==> flow/design.v <==
module alu_arith_add_top #(
   parameter integer DWIDTH = 10
) (
   input  wire clk,
   input  wire rst_n,
   input  wire [DWIDTH-1:0] op_a,
   input  wire [DWIDTH-1:0] op_b,
   input  wire [DWIDTH-1:0] op_c,
   output reg [DWIDTH+1:0] o
);
   wire [DWIDTH-1:0] nxt = op_a ^ op_b ^ op_c;
   wire [DWIDTH-1:0] chain = (op_a & op_b) | (op_a & op_c) | (op_b & op_c);
   always @(posedge clk or negedge rst_n) begin
      if (!rst_n) begin
         o <= 0;
      end else begin
         o <= nxt + {chain, 1'b0};
      end
   end
endmodule
# [Reports on alu_arith_add_top]
# A sweep over "DWIDTH": the same steps for each member of the family.
# The file above is the member DWIDTH = 10. Line numbers count from 1 in each member's own file.
# Operators: Yosys type, input widths -> output width; for muxes data width and select width s.
# Library cell names are shortened.
# A cell with -- has no value.
[setup] top="alu_arith_add_top" clock="clk" lib="sky130hd" corner="tt_025C_1v80"

# [Members of the sweep]
# Lines of each other member's file that are new or changed against the file above; lines that a member lacks are not shown.
[changed_lines] DWIDTH=40 line=2 source="parameter integer DWIDTH = 40"
[changed_lines] DWIDTH=80 line=2 source="parameter integer DWIDTH = 80"

# [Elaborated design]
# Source: Yosys, flattened and elaborated, memories not mapped. Widths are those after wreduce; folded enables and synchronous resets count as part of the registers. Registers that Yosys merges into a memory's read port (data or address) are not register bits. Print and check cells do not count. Equal cells are merged and count once.
[classes] DWIDTH=10 logic=7 add_sub_neg=1
[classes] DWIDTH=40 logic=7 add_sub_neg=1
[classes] DWIDTH=80 logic=7 add_sub_neg=1
[ops] DWIDTH=10 operators="$and 10x10->10 (3); $or 10x10->10 (2); $xor 10x10->10 (2); $add 10x11->12 (1)"
[ops] DWIDTH=40 operators="$and 40x40->40 (3); $or 40x40->40 (2); $xor 40x40->40 (2); $add 40x41->42 (1)"
[ops] DWIDTH=80 operators="$and 80x80->80 (3); $or 80x80->80 (2); $xor 80x80->80 (2); $add 80x81->82 (1)"
[bits] DWIDTH=10 input_bits=32 ff_bits=12
[bits] DWIDTH=40 input_bits=122 ff_bits=42
[bits] DWIDTH=80 input_bits=242 ff_bits=82

# [Depth]
# Depth = most cells in a row (Yosys ltp): at word level without a register or memory, in the mapped netlist without a sequential cell, where the memories' decode and read muxes count.
[depth] DWIDTH=10 word_depth=4 abc_area=0 mapped_depth=11 mapped_depth_nobuf=11
[depth] DWIDTH=40 word_depth=4 abc_area=0 mapped_depth=13 mapped_depth_nobuf=13
[depth] DWIDTH=80 word_depth=4 abc_area=0 mapped_depth=15 mapped_depth_nobuf=15

# [Netlist]
# The flow's flattened synthesis, as Yosys stat reports it; memories are mapped. The netlist is that of the ABC_AREA named above (0 if unset); the other value can give another one.
[types] DWIDTH=10 type_list="dfrtp_1 (12); fa_1 (11); ha_1 (9); inv_1 (17); xnor2_1 (5); a2111oi_4 (1); a21oi_2 (2); o21ai_2 (2); xor2_1 (2); a21o_1 (2); and3_1 (2); and3_4 (1); nand2_1 (3); a21oi_1 (2); mux2i_1 (1); nand3_1 (2); o2111ai_1 (1); a21boi_0 (1); (+10)"
[types] DWIDTH=40 type_list="dfrtp_1 (42); fa_1 (41); ha_1 (39); a21o_1 (27); xnor2_1 (23); a21oi_1 (37); xor2_1 (11); o21ai_0 (18); nand2_1 (22); inv_1 (21); nor2_1 (19); a211oi_1 (7); a31oi_1 (8); and3_1 (7); nand4_1 (5); nand3_1 (6); o31ai_1 (4); o211ai_1 (3); (+46)"
[types] DWIDTH=80 type_list="dfrtp_1 (82); fa_1 (81); ha_1 (79); a21oi_1 (100); a21o_1 (48); xnor2_1 (40); nand2_1 (72); xor2_1 (30); o21ai_0 (48); nor2_1 (49); nand4_1 (26); inv_1 (41); o21bai_1 (18); clkbuf_1 (28); o21a_1 (13); nand3_1 (19); a31oi_1 (11); nor2b_1 (10); (+114)"
# The mark (+n) counts cells that are not listed.
[synth_totals] DWIDTH=10 synth_area_um2=977.2 ffs=12 buf_cells=1 stdcells=86
[synth_totals] DWIDTH=40 synth_area_um2=4027.6 ffs=42 buf_cells=5 stdcells=386
[synth_totals] DWIDTH=80 synth_area_um2=8602.0 ffs=82 buf_cells=31 stdcells=909

# [Timing after synthesis]
# OpenSTA on the mapped netlist: ideal clock, no wires. The path of least setup slack (recovery checks aside). Input and output delay are each 20% of the period. Register names are those of the netlist, which keeps one name where synthesis merged equal registers.
[synth_path] DWIDTH=10 path_type="input to register" startpoint="input port op_a[1]" endpoint="register o[7]" driving_pins=9 slack_ns=0.489 delay_ns=1.959 period_ns=3.06 synth_period_reached_ns=2.571
[synth_path] DWIDTH=40 path_type="input to register" startpoint="input port op_a[1]" endpoint="register o[23]" driving_pins=11 slack_ns=0.734 delay_ns=2.922 period_ns=4.57 synth_period_reached_ns=3.836
[synth_path] DWIDTH=80 path_type="input to register" startpoint="input port op_a[1]" endpoint="register o[71]" driving_pins=13 slack_ns=0.810 delay_ns=3.254 period_ns=5.08 synth_period_reached_ns=4.27
# "delay_ns" = arrival - input delay + setup time.
# "driving_pins" counts driving pins, that of a launching flip-flop among them; a cell with two outputs on the path counts twice.
# "synth_period_reached_ns" = period - worst setup slack (recovery checks aside). The figure is calculated, with input and output delays left at 20% of the set period.
# The rows between start and end are the longest chain of elaborated cells between them; the timing report does not say that the signal goes this way. Where chains are equally long, one stands for them.
# Each line given opens the expression or statement behind the cell; cells for indexed reads and writes are added by Yosys, which also makes memories of some case tables.
[synth_via_DWIDTH_10] elab_chain_cells=4
[synth_lines_DWIDTH_10] element="start, declared" line=6 source="input  wire [DWIDTH-1:0] op_a,"
[synth_lines_DWIDTH_10] element="$and 10x10->10" line=12 source="wire [DWIDTH-1:0] chain = (op_a & op_b) | (op_a & op_c) | (op_b & op_c);"
[synth_lines_DWIDTH_10] element="$or 10x10->10 (2 in a row)" line=12
[synth_lines_DWIDTH_10] element="$add 10x11->12" line=17 source="o <= nxt + {chain, 1'b0};"
[synth_lines_DWIDTH_10] element="end, assigned" line=15 source="o <= 0;"
[synth_lines_DWIDTH_10] element="end, assigned" line=17
[synth_lines_DWIDTH_10] element="end, declared" line=9 source="output reg [DWIDTH+1:0] o"
[synth_via_DWIDTH_80] elab_chain_cells=4
[synth_lines_DWIDTH_80] element="start, declared" line=6 source="input  wire [DWIDTH-1:0] op_a,"
[synth_lines_DWIDTH_80] element="$and 80x80->80" line=12 source="wire [DWIDTH-1:0] chain = (op_a & op_b) | (op_a & op_c) | (op_b & op_c);"
[synth_lines_DWIDTH_80] element="$or 80x80->80 (2 in a row)" line=12
[synth_lines_DWIDTH_80] element="$add 80x81->82" line=17 source="o <= nxt + {chain, 1'b0};"
[synth_lines_DWIDTH_80] element="end, assigned" line=15 source="o <= 0;"
[synth_lines_DWIDTH_80] element="end, assigned" line=17
[synth_lines_DWIDTH_80] element="end, declared" line=9 source="output reg [DWIDTH+1:0] o"

# [Path in the finished layout]
# Path of least setup slack in the final report of each member's run (OpenROAD, finished layout, wires in). Where an end is a register, its clock arrival counts in the times.
[layout_path] DWIDTH=10 path_type="input to register" startpoint="input port op_a[0]" endpoint="register o[7]" slack_ns=0.20 period_ns=3.06 driving_pins=12 arrival_ns=3.00
[layout_path] DWIDTH=40 path_type="input to register" startpoint="input port op_a[1]" endpoint="register o[41]" slack_ns=0.40 period_ns=4.57 driving_pins=12 arrival_ns=4.34
[layout_path] DWIDTH=80 path_type="input to register" startpoint="input port op_a[3]" endpoint="register o[64]" slack_ns=0.41 period_ns=5.08 driving_pins=16 arrival_ns=4.94

# [Measured runs]
# Settings and results of one run of the flow (Yosys, OpenROAD) for each member follow. The constraints put input and output delay at 20% of the set period each and load the outputs with 0.01 pF.
[flow_settings] CAP_MARGIN=20 CORE_MARGIN=2 CORE_UTILIZATION=40 SLEW_MARGIN=20
[settings_by_member] DWIDTH=10 period_ns=3.06
[settings_by_member] DWIDTH=40 period_ns=4.57
[settings_by_member] DWIDTH=80 period_ns=5.08
[results] DWIDTH=10 die_um2=2854.2 achieved_period_ns=2.862 utilization_pct=66.8 ws_setup_ns=0.198 synthesis_area_um2=977.2
[results] DWIDTH=40 die_um2=10887.9 achieved_period_ns=4.172 utilization_pct=60.7 ws_setup_ns=0.398 synthesis_area_um2=4027.6
[results] DWIDTH=80 die_um2=22693.9 achieved_period_ns=4.666 utilization_pct=59.1 ws_setup_ns=0.414 synthesis_area_um2=8602.0
# By "achieved_period_ns" is meant the clock period of the run minus its worst setup slack. This is arithmetic on one report: input and output delays are still those of the set period (20% each).
